==> flow/design.v <==
module dp_scratch_stage #(
    parameter integer D = 12,
    parameter integer W = 2,
    parameter integer AWIDTH = $clog2(D)
) (
    input  wire CLK,
    input  wire i_rst,
    input  wire load_i,
    input  wire [AWIDTH-1:0] wr_idx_i,
    input  wire [W-1:0] wd_i,
    input  wire [AWIDTH-1:0] ra_i,
    output wire [W-1:0] rdata_o
);
    reg load_r;
    reg [AWIDTH-1:0] wr_idx_r;
    reg [W-1:0] wd_r;
    reg [W-1:0] regs [0:D-1];
    always @(posedge CLK) begin
        if (load_r)
            regs[wr_idx_r] <= wd_r;
    end
    reg [AWIDTH-1:0] ra_r;
    assign rdata_o = regs[ra_r];
    always @(posedge CLK) begin
        if (i_rst) begin
            load_r <= 1'b0;
            wr_idx_r <= 0;
            wd_r <= 0;
            ra_r <= 0;
        end else begin
            load_r <= load_i;
            wr_idx_r <= wr_idx_i;
            wd_r <= wd_i;
            ra_r <= ra_i;
        end
    end
endmodule
# Step by step through the tools: dp_scratch_stage
# The steps from the RTL of dp_scratch_stage to its reports follow in flow order.
# Line numbers count from 1 in the design file above.
# Operators carry their Yosys type and port widths (W data, S select, Z words).
# Cell names lack the library's common part.
# Not given: n/a
[setup]
design = "dp_scratch_stage"
clk_port = "CLK"
lib = "sky130hd"
corner = "tt_025C_1v80"

# After elaboration
# Counts by Yosys on the flattened word-level netlist (proc, flatten, opt, wreduce; memories kept). Print and check cells are left out. Cells with the same type and inputs are merged into one.
# Yosys's memory passes give these memory sizes; they may raise the number of words (mostly to a power of two), join words into wider ones and drop unused or constant bits.
[word_totals]
regBits = 7
mem_bits_rw = 24
clocked_rd_ports_x_width = 2
memories = 1
in_bits = 13
out_inout_bits = 2
elab_cells = 8
[op_classes]
mux = 4
[memory_table]
columns = ["name", "size", "width", "read_ports", "wr", "line", "source"]
rows = [
  ["regs", 12, 2, 1, 1, 17, "reg [W-1:0] regs [0:D-1];"],
]
[op_table]
columns = ["op", "n"]
rows = [
  ["$mux W4", 2],
  ["$mux W2", 1],
  ["$mux W1", 1],
]

# Depth
# Longest topological path by Yosys (ltp), each cell counted once; first at word level (registers and memories cut), then after technology mapping (sequential cells cut; the memories' decode and read muxes count).
[logic_depth]
depth_word = 1
abc_area = 0
depth_mapped = 3
mapped_depth_nobuf = 2

# After synthesis
# Source: synth_stat.txt of the flow (Yosys; design flattened, memories mapped). It holds for the ABC_AREA given above (unset counts as 0); a run with the other value may have another netlist.
# Totals and module areas in this step are rounded.
[types]
columns = ["cell_type", "n", "type_area_um2"]
rows = [
  ["edfxtp_1", 24, 720.691],
  ["dfxtp_1", 11, 220.211],
  ["mux4_1", 4, 105.101],
  ["nor2b_1", 11, 68.816],
  ["mux2_2", 4, 45.043],
  ["mux4_2", 2, 45.043],
  ["nor2_1", 9, 33.782],
  ["nand3b_1", 2, 15.014],
  ["nor3_1", 3, 15.014],
  ["nand2b_1", 2, 12.512],
  ["buf_6", 1, 11.261],
  ["or3b_2", 1, 8.758],
  ["clkbuf_1", 1, 3.754],
  ["nand2_1", 1, 3.754],
]
[mapped]
stdcells = 76
yosys_area_um2 = 1310
seq_area_um2 = 941
ffs = 35
buf_cells = 2

# Timing after synthesis
# OpenSTA on the mapped netlist: ideal clock, no wires. The path of least setup slack (recovery checks aside). Input and output delay are each 20% of the period. Register names are those of the netlist, which keeps one name where synthesis merged equal registers.
[synth_timing]
path_type = "reg-to-output"
start = "register (no name shown)"
end = "output rdata_o[0]"
tclk_ps = 2260
t_arrival_ps = 1447
required_time_ps = 1808
setup_slack_ps = 361
delay_ps = 1447
stages = 4
period_less_setup_slack_ps = 1899
# "delay_ps" = arrival - input delay + setup time.
# At an output port there is no setup time.
# "stages" counts driving pins, that of a launching flip-flop among them; a cell with two outputs on the path counts twice.
# "period_less_setup_slack_ps" = period - worst setup slack (recovery checks aside). The figure is calculated, with input and output delays left at 20% of the set period.
[synth_between]
cell_sequence = "dfxtp_1 buf_6 mux4_1 mux4_2"
[synth_rtl]
columns = ["item", "line", "source"]
rows = [
  ["to (decl)", 12, "output wire [W-1:0] rdata_o"],
]
# Chain of elaborated cells between the ends: none given.

# Timing after layout
# Path of least setup slack in the final report of run 1 (OpenROAD, finished layout, wires in). Where an end is a register, its clock arrival counts in the times.
# The report prints the path's times to 10 ps; the period is as set.
[layout_timing]
path_type = "reg-to-output"
start = "register (no name shown)"
end = "output rdata_o[0]"
tclk_ps = 2260
t_arrival_ps = 1910
required_time_ps = 1810
setup_slack_ps = -100
stages = 5
[layout_between]
cell_sequence = "dfxtp_4 buf_6 mux4_2 mux4_2 buf_6"
[layout_rtl]
columns = ["item", "line", "source"]
rows = [
  ["to (decl)", 12, "output wire [W-1:0] rdata_o"],
]
# Chain of elaborated cells between the ends: none given.

# Record of 3 stored runs of the RTL-to-layout flow on dp_scratch_stage, platform sky130hd. The runs are unordered. Constraints: input delay and output delay 20% of the set period each, output load 0.01 pF.
# "achievedPeriod_ps" = clock period - worst setup slack. The figure is calculated, with input and output delays left at 20% of the set period.
# "worst_setup_path_time_ps" is the time allowed to the run's worst setup path (the clock period less input and output delay, where it has them) less its slack. Clock arrival times count: a late capture clock shortens it, a late launch clock lengthens it.
# "fin_power_mw" rests on the timing tool's default activity at the inputs, not on a simulated workload.
# "worst_setup_path_time_ps" is known to 10 ps.
# The measured numbers are rounded.

[[run]]
name = "run 1"
[run.settings]
period_ns = 2.26
CAP_MARGIN = 20
CORE_MARGIN = 2
CORE_UTILIZATION = 40
SLEW_MARGIN = 20
[run.results]
synth_chip_area_um2 = 1310
die_um2 = 3750
cell_area_final_um2 = 1560
post_route_util_pct = 50.6
fin_ws_ps = -101
final_setup_tns_ps = -178
timing.hold.ws_ps = 630
fin_power_mw = 1.09
achievedPeriod_ps = 2361
worst_setup_path_time_ps = 1910
critical_path_kind = "reg-to-output"

[[run]]
name = "run 2"
[run.settings]
period_ns = 3.11
CORE_UTILIZATION = 53
PLACE_DENSITY_LB_ADDON = 0.2
TNS_END_PERCENT = 30
GPL_ROUTABILITY_DRIVEN = 1
CTS_CLUSTER_SIZE = 20
MIN_ROUTING_LAYER = "met2"
CAP_MARGIN = 20
CORE_MARGIN = 2
SLEW_MARGIN = 20
[run.results]
synth_chip_area_um2 = 1310
die_um2 = 2880
cell_area_final_um2 = 1520
post_route_util_pct = 63.2
fin_ws_ps = 212
final_setup_tns_ps = 0
timing.hold.ws_ps = 635
fin_power_mw = 0.794
achievedPeriod_ps = 2898
worst_setup_path_time_ps = 2280
critical_path_kind = "reg-to-output"

[[run]]
name = "run 3"
[run.settings]
period_ns = 2.52
CORE_UTILIZATION = 42
SETUP_SLACK_MARGIN = -0.01
PLACE_DENSITY_LB_ADDON = 0.03
CORE_ASPECT_RATIO = 0.74
CAP_MARGIN = 20
CORE_MARGIN = 2
SLEW_MARGIN = 20
[run.results]
synth_chip_area_um2 = 1310
die_um2 = 3580
cell_area_final_um2 = 1570
post_route_util_pct = 52.7
fin_ws_ps = 82
final_setup_tns_ps = 0
timing.hold.ws_ps = 650
fin_power_mw = 1.08
achievedPeriod_ps = 2438
worst_setup_path_time_ps = 1930
critical_path_kind = "reg-to-output"
